==> flow/design.v <==
module data_mux_stage #(
  parameter W = 32
) (
  input wire clk_i,
  input wire [W-1:0] in_data_0,
  input wire [W-1:0] in_data_1,
  input wire [W-1:0] in_data_2,
  input wire [W-1:0] in_data_3,
  input wire [W-1:0] in_data_4,
  input wire [W-1:0] in_data_5,
  input wire [2:0] in_addr,
  output reg [W-1:0] out_dout
);
  reg [W-1:0] cur;
  always @* begin
    case (in_addr)
      3'd0: cur = in_data_0;
      3'd1: cur = in_data_1;
      3'd2: cur = in_data_2;
      3'd3: cur = in_data_3;
      3'd4: cur = in_data_4;
      default: cur = in_data_5;
    endcase
  end
  always @(posedge clk_i) begin
    out_dout <= cur;
  end
endmodule
# == From RTL to reports: data_mux_stage ==
# What the tools print for data_mux_stage, step after step.
# Lines are those of the file above, counted from 1.
# Operators carry their Yosys type and port widths (W data, S select, Z words).
# Cell names lack the library's common part.
# Not given: -
# setup
top_module,data_mux_stage
clock_port,clk_i
lib,sky130hd
lib_corner,tt_025C_1v80

# == Elaborated design ==
# Counts by Yosys on the flattened word-level netlist (proc, flatten, opt, wreduce; memories kept). Register bits leave out memories and registers merged into their read ports (data or address); mux counts leave out enables and synchronous resets folded into registers. Print and check cells are left out. Cells with the same type and inputs are merged into one.
# word_totals
in_bits,196
elab_cells,7
reg_bits,32
# op_classes
reduce_and_logical,1
muxes,1
eq_ne,4
# op_table
operator,n
$pmux W32 S5,1
$eq A3 B2 Y1 const B,2
$eq A3 B1 Y1 const B,1
$eq A3 B3 Y1 const B,1
$logic_not A3 Y1,1

# == Longest topological paths ==
# Longest topological path by Yosys (ltp), each cell counted once; first at word level (registers and memories cut), then after technology mapping (sequential cells cut; the memories' decode and read muxes count).
# depth
ltp_word,2
abc_area,0
ltp_mapped,6
depth_no_buf,3

# == Netlist ==
# Source: synth_stat.txt of the flow (Yosys; design flattened, memories mapped). It holds for the ABC_AREA given above (unset counts as 0); a run with the other value may have another netlist.
# The area totals of this step are shown rounded.
# synth_totals
yosys_area_um2,2190
ff_cells,32
mapped_cells,192
buffers,19
seqArea_um2,641
# by_type
type,n,type_area_um2
dfxtp_1,32,640.614
mux4_2,25,563.04
mux2i_1,37,370.355
a21oi_1,32,160.154
nor2_1,27,101.347
mux4_1,2,52.55
buf_6,4,45.043
a22o_1,5,43.792
buf_12,2,40.038
nand3b_1,5,37.536
o211ai_1,5,37.536
buf_4,3,22.522
buf_2,4,20.019
nor2_8,1,20.019
buf_1,4,15.014
clkbuf_1,2,7.507
o21a_1,1,7.507
inv_1,1,3.754

# == Timing after synthesis ==
# Path of least setup slack by OpenSTA after synthesis, without wires, with an ideal clock, recovery checks aside; 20% of the period is set as input and as output delay. Where synthesis merged equal registers, the netlist keeps one of their names.
# synth_timing
path_kind,in2reg
startpoint,in in_addr[0]
endpoint,reg out_dout[26]
path_delay_ps,1048
stages,5
n_path_buf,2
t_first_pin_ps,328
clock_period_ps,1640
t_required_ps,1507
path_slack_ps,264
t_arrival_ps,1243
period_less_setup_slack_ps,1376
# "path_delay_ps" = arrival - input delay + setup time.
# "stages" counts driving pins, that of a launching flip-flop among them; a cell with two outputs on the path counts twice.
# "period_less_setup_slack_ps" is the clock period less the worst setup slack; recovery checks do not enter. This is arithmetic on one report: input and output delays are still those of the set period (20% each).
# The rows between start and end are the longest chain of elaborated cells between them; the timing report does not say that the signal goes this way. Where chains are equally long, one stands for them.
# A line is the first line of the expression or statement that the cell stems from. Yosys adds cells for indexed reads and writes and turns some case tables into memories.
# synth_via
cell_sequence,buf_6 buf_6 mux4_2 nor2_1 a21oi_1
elab_chain_cells,2
cells_between,6
cone_lines,1
classes_between,eq/ne: 4; mux: 1; reduce/logical: 1
# synth_lines
item,line,source
from (decl),11,"input wire [2:0] in_addr,"
$eq A3 B3 Y1,16,case (in_addr)
$pmux W32 S5,16,
to (assign),26,out_dout <= cur;
to (decl),12,output reg [W-1:0] out_dout

# == Path in the finished layout ==
# Path of least setup slack in the final report of flow run 1 (OpenROAD, finished layout, wires in). Where an end is a register, its clock arrival counts in the times.
# The path's times are printed in steps of 10 ps; the period is the one set.
# layout_timing
path_kind,in2reg
startpoint,in in_data_0[12]
endpoint,reg out_dout[12]
clock_period_ps,1250
n_path_buf,1
t_required_ps,1410
t_arrival_ps,1370
path_slack_ps,40
stages,4
t_first_pin_ps,250
# The rows between start and end are the longest chain of elaborated cells between them; the timing report does not say that the signal goes this way. Where chains are equally long, one stands for them.
# layout_via
cell_sequence,clkdlybuf4s50_1 mux4_2 nor2_1 a21oi_1
elab_chain_cells,1
cells_between,1
cone_lines,1
classes_between,mux: 1
# layout_lines
item,line,source
from (decl),5,"input wire [W-1:0] in_data_0,"
$pmux W32 S5,16,case (in_addr)
to (assign),26,out_dout <= cur;
to (decl),12,output reg [W-1:0] out_dout

# Module data_mux_stage, platform sky130hd: 3 stored runs of the flow (Yosys, OpenROAD) with differing settings, in no particular order. Input and output delays are each 20% of the period that was set; the output load is 0.01 pF.
# "worst_path_time_ps": the worst setup path's part of the clock period (all of it between registers, 20% less for each end at a port) less its slack. A launch clock that arrives late makes it longer, a capture clock that arrives late makes it shorter.
# "power_w" rests on the timing tool's default activity at the inputs, not on a simulated workload.
# "worst_path_time_ps" is known to 10 ps.
# The measured numbers are rounded.
# A setting shown as - is not set for that run.
# Among the results, - means that no value is shown for the run.
stored run,period_ns,CORE_UTILIZATION,PLACE_DENSITY,HOLD_SLACK_MARGIN,CORE_ASPECT_RATIO,CELL_PAD_IN_SITES_DETAIL_PLACEMENT,TNS_END_PERCENT,ABC_AREA,CTS_CLUSTER_DIAMETER,CAP_MARGIN,MIN_ROUTING_LAYER,CORE_MARGIN,SLEW_MARGIN,SETUP_SLACK_MARGIN,PLACE_DENSITY_LB_ADDON,GPL_ROUTABILITY_DRIVEN,worst_setup_slack_ps,layout_stdcell_area_um2,worst_path_time_ps,timing.worst_path_kind,die_footprint_um2,power_w,synthesis_area_um2,setup_tns_ps,post_route_util_pct
flow run 1,1.25,16,0.7,0.06,0.86,0,20,0,327,30,met2,2,20,-,-,-,45,4870,960,in2reg,14600,0.00387,2190,0,36.5
flow run 2,1.64,40,-,-,-,-,-,-,-,20,-,2,20,-,-,-,152,4600,1160,reg2out,6080,0.00263,2190,0,88.4
flow run 3,1.33,69,-,-,-,1,55,1,270,5,-,2,20,-0.06,0.26,0,-,-,-,-,-,-,-,-,-
# Flow run 3: stopped before the end: placement reported PPL-0024
